==> flow/design.v <==
module u_switch (clk, d, choose, q);
   parameter DW = 10;
   parameter LANES = 12;
   input clk;
   input [LANES*DW-1:0] d;
   input [LANES-1:0] choose;
   output [DW-1:0] q;
   reg [DW-1:0] cur;
   integer n;
   always @(*) begin
      cur = 0;
      for (n = LANES-1; n >= 0; n = n - 1)
         if (choose[n]) cur = d[n*DW +: DW];
   end
   reg [DW-1:0] q_r;
   always @(posedge clk)
      q_r <= cur;
   assign q = q_r;
endmodule
* Reports on u_switch *
What the tools print for u_switch, step after step.
Line numbers count from 1 in the design file above.
Library cell names are shortened.
A cell with -- has no value.

design
  top = u_switch
  clock port = clk
  standard-cell library = sky130hd
  corner = tt_025C_1v80

* Word-level counts *
Source: Yosys, flattened and elaborated, memories not mapped. Widths are those after wreduce; folded enables and synchronous resets count as part of the registers. Registers that Yosys merges into a memory's read port (data or address) are not register bits. Print and check cells do not count. Equal cells are merged and count once.

bit counts
  bits in registers = 10
  bits of input ports = 133
  output and inout bits = 10
  elaborated cells = 13

operators by class
  muxes and demuxes = 12

operators by type and width
  kind               number
  10-bit 2-to-1 mux  12

* Depth *
Depth = most cells in a row (Yosys ltp): at word level without a register or memory, in the mapped netlist without a sequential cell, where the memories' decode and read muxes count.

logic depth
  word-level depth = 12
  ABC_AREA = 0
  gate-level depth with buffers = 6
  gate-level depth less buffers = 4

* Synthesis result *
Source: synth_stat.txt of the flow (Yosys; design flattened, memories mapped). It holds for the ABC_AREA given above (unset counts as 0); a run with the other value may have another netlist.
Totals and module areas in this step are rounded.

synthesis totals
  standard cells after synthesis = 219
  cell area after synthesis = 1548 um^2
  flip-flop cells = 10

cell types
  type       number  total area (um^2)
  dfxtp_1    10      200.192
  nor3b_1    20      150.144
  o31ai_1    18      135.13
  nor2b_1    19      118.864
  a21oi_1    21      105.101
  nand2_1    28      105.101
  nand3_1    18      90.086
  o221a_2    8       90.086
  a211o_1    9       78.826
  a22o_1     8       70.067
  a211oi_1   8       60.058
  o21ai_0    9       45.043
  clkbuf_1   10      37.536
  buf_6      3       33.782
  a2111oi_4  1       27.526
  buf_2      5       25.024
  a22o_4     1       17.517
  a221oi_2   1       15.014

Not listed: further types 17, cells in them 22.

* Timing after synthesis *
Source: OpenSTA report_checks on the synthesized netlist (no wires, ideal clock, input and output delay 20% of the period each), path of least setup slack; recovery checks are left aside. Register names are those of the netlist, which keeps one name where synthesis merged equal registers.

timing post-synthesis
  path type = in2reg
  start = input (no name shown)
  end = register q_r[7]
  clock period = 1.78 ns
  input delay = 0.356 ns
  arrival time = 1.372 ns
  data required time = 1.658 ns
  slack = 0.287 ns
  delay of the path = 1.138 ns
  stages on the path = 5
  buffers on the path = 1
  synthesis period reached = 1.493 ns

"delay of the path" = arrival - input delay + setup time.
"stages on the path" counts driving pins, that of a launching flip-flop among them; a cell with two outputs on the path counts twice.
"synthesis period reached" is the clock period less the worst setup slack; recovery checks do not enter. This is arithmetic on one report: input and output delays are still those of the set period (20% each).
Between the ends stands the longest chain of elaborated cells between them, by number of cells; it is not shown to be the way that was timed. Of several equally long chains one is given.
A line is the first line of the expression or statement that the cell stems from. Yosys adds cells for indexed reads and writes and turns some case tables into memories.

on the way, post-synthesis
  cell sequence = or2_2 buf_6 a2111oi_4 a221oi_2 o311a_1
  cells in the longest elaborated chain = 10

ends and longest elaborated chain, post-synthesis
  item                   line  RTL
  start: declaration     6
  10-bit 2-to-1 mux x10  13
  end: assignment        17    q_r <= cur;
  end: declaration       15    reg [DW-1:0] q_r;

* Timing after layout *
From the final timing report of run 3: the path of least setup slack in the routed layout; clock arrival at registers is part of the times.

timing after layout
  path type = in2reg
  start = input (no name shown)
  end = register q_r[7]
  clock period = 1.78 ns
  input delay = 0.36 ns
  arrival time = 1.82 ns
  data required time = 1.90 ns
  slack = 0.08 ns
  stages on the path = 5
  buffers on the path = 1

Between the ends stands the longest chain of elaborated cells between them, by number of cells; it is not shown to be the way that was timed. Of several equally long chains one is given.

on the way, after layout
  cell sequence = clkdlybuf4s50_1 and2b_2 a2111oi_4 a221oi_2 o311a_1
  cells in the longest elaborated chain = 11

ends and longest elaborated chain, after layout
  item                   line  RTL
  start: declaration     6
  10-bit 2-to-1 mux x11  13
  end: assignment        17    q_r <= cur;
  end: declaration       15    reg [DW-1:0] q_r;

Stored flow runs of u_switch (3 of them; Yosys, OpenROAD, sky130hd). They differ in their settings and are not a sequence. Constraints: input delay and output delay 20% of the set period each, output load 0.01 pF.
By "achieved clock period" is meant the clock period of the run minus its worst setup slack. This is arithmetic on one report: input and output delays are still those of the set period (20% each).
By "worst setup path time" is meant the share of the clock period that the worst setup path is allowed (20% is reserved at inputs, 20% at outputs), minus its slack. Clock arrival times at its registers enter into it.
The results are shown rounded.

Run 1
==> flow/run.sh <==
#!/bin/bash
# the make line also repeats the synthesis and layout settings of config.mk as NAME=value (left out here)
make -C /OpenROAD-flow-scripts/flow DESIGN_CONFIG=/design/flow/config.mk WORK_HOME=/design/flow/orfs CLKGATE_MAP_FILE= finish
==> flow/config.mk <==
export PLATFORM = sky130hd
export DESIGN_NAME = u_switch
export DESIGN_NICKNAME = u_switch
export VERILOG_FILES = /design/flow/design.v
export SDC_FILE = /design/flow/constraint.sdc
export NUM_CORES = 4
export LEC_CHECK = 0
export ABC_AREA = 0
export CAP_MARGIN = 5
export CELL_PAD_IN_SITES_DETAIL_PLACEMENT = 1
export CORE_ASPECT_RATIO = 1.54
export CORE_MARGIN = 10
export CORE_UTILIZATION = 57
export CTS_CLUSTER_DIAMETER = 54
export MAX_ROUTING_LAYER = met4
export SETUP_SLACK_MARGIN = 0.11
export SLEW_MARGIN = 15
==> flow/constraint.sdc <==
create_clock -name core_clock -period 1.58 [get_ports {clk}]
set_input_delay 0.3160 -clock core_clock [delete_from_list [all_inputs] [get_ports {clk}]]
set_output_delay 0.3160 -clock core_clock [all_outputs]
set_load 0.01 [all_outputs]

==> results of run 1 <==
did not finish, placement stopped with GPL-0301

Run 2
==> flow/run.sh <==
#!/bin/bash
# the make line also repeats the synthesis and layout settings of config.mk as NAME=value (left out here)
make -C /OpenROAD-flow-scripts/flow DESIGN_CONFIG=/design/flow/config.mk WORK_HOME=/design/flow/orfs CLKGATE_MAP_FILE= finish
==> flow/config.mk <==
export PLATFORM = sky130hd
export DESIGN_NAME = u_switch
export DESIGN_NICKNAME = u_switch
export VERILOG_FILES = /design/flow/design.v
export SDC_FILE = /design/flow/constraint.sdc
export NUM_CORES = 4
export LEC_CHECK = 0
export CAP_MARGIN = 20
export CELL_PAD_IN_SITES_GLOBAL_PLACEMENT = 0
export CORE_ASPECT_RATIO = 0.55
export CORE_MARGIN = 2
export CORE_UTILIZATION = 60
export GPL_TIMING_DRIVEN = 0
export MAX_ROUTING_LAYER = met5
export PLACE_DENSITY_LB_ADDON = 0.27
export SETUP_SLACK_MARGIN = 0.03
export SLEW_MARGIN = 25
export TNS_END_PERCENT = 30
==> flow/constraint.sdc <==
create_clock -name core_clock -period 1.9 [get_ports {clk}]
set_input_delay 0.3800 -clock core_clock [delete_from_list [all_inputs] [get_ports {clk}]]
set_output_delay 0.3800 -clock core_clock [all_outputs]
set_load 0.01 [all_outputs]

==> results of run 2 <==
did not finish, placement stopped with FLW-0024

Run 3
==> flow/run.sh <==
#!/bin/bash
# the make line also repeats the synthesis and layout settings of config.mk as NAME=value (left out here)
make -C /OpenROAD-flow-scripts/flow DESIGN_CONFIG=/design/flow/config.mk WORK_HOME=/design/flow/orfs CLKGATE_MAP_FILE= finish
==> flow/config.mk <==
export PLATFORM = sky130hd
export DESIGN_NAME = u_switch
export DESIGN_NICKNAME = u_switch
export VERILOG_FILES = /design/flow/design.v
export SDC_FILE = /design/flow/constraint.sdc
export NUM_CORES = 4
export LEC_CHECK = 0
export CAP_MARGIN = 20
export CORE_MARGIN = 2
export CORE_UTILIZATION = 40
export SLEW_MARGIN = 20
==> flow/constraint.sdc <==
create_clock -name core_clock -period 1.78 [get_ports {clk}]
set_input_delay 0.3560 -clock core_clock [delete_from_list [all_inputs] [get_ports {clk}]]
set_output_delay 0.3560 -clock core_clock [all_outputs]
set_load 0.01 [all_outputs]

==> results of run 3 <==
chip area after synthesis (Yosys): 1548 um^2
die area: 4383 um^2
standard-cell area of the final layout: 3103 um^2
utilization: 0.841
worst setup slack after layout: 0.083 ns
total negative slack: 0.000 ns
worst hold slack: 0.788 ns
achieved clock period: 1.697 ns
worst setup path time: 1.34 ns
worst setup path kind: in2reg
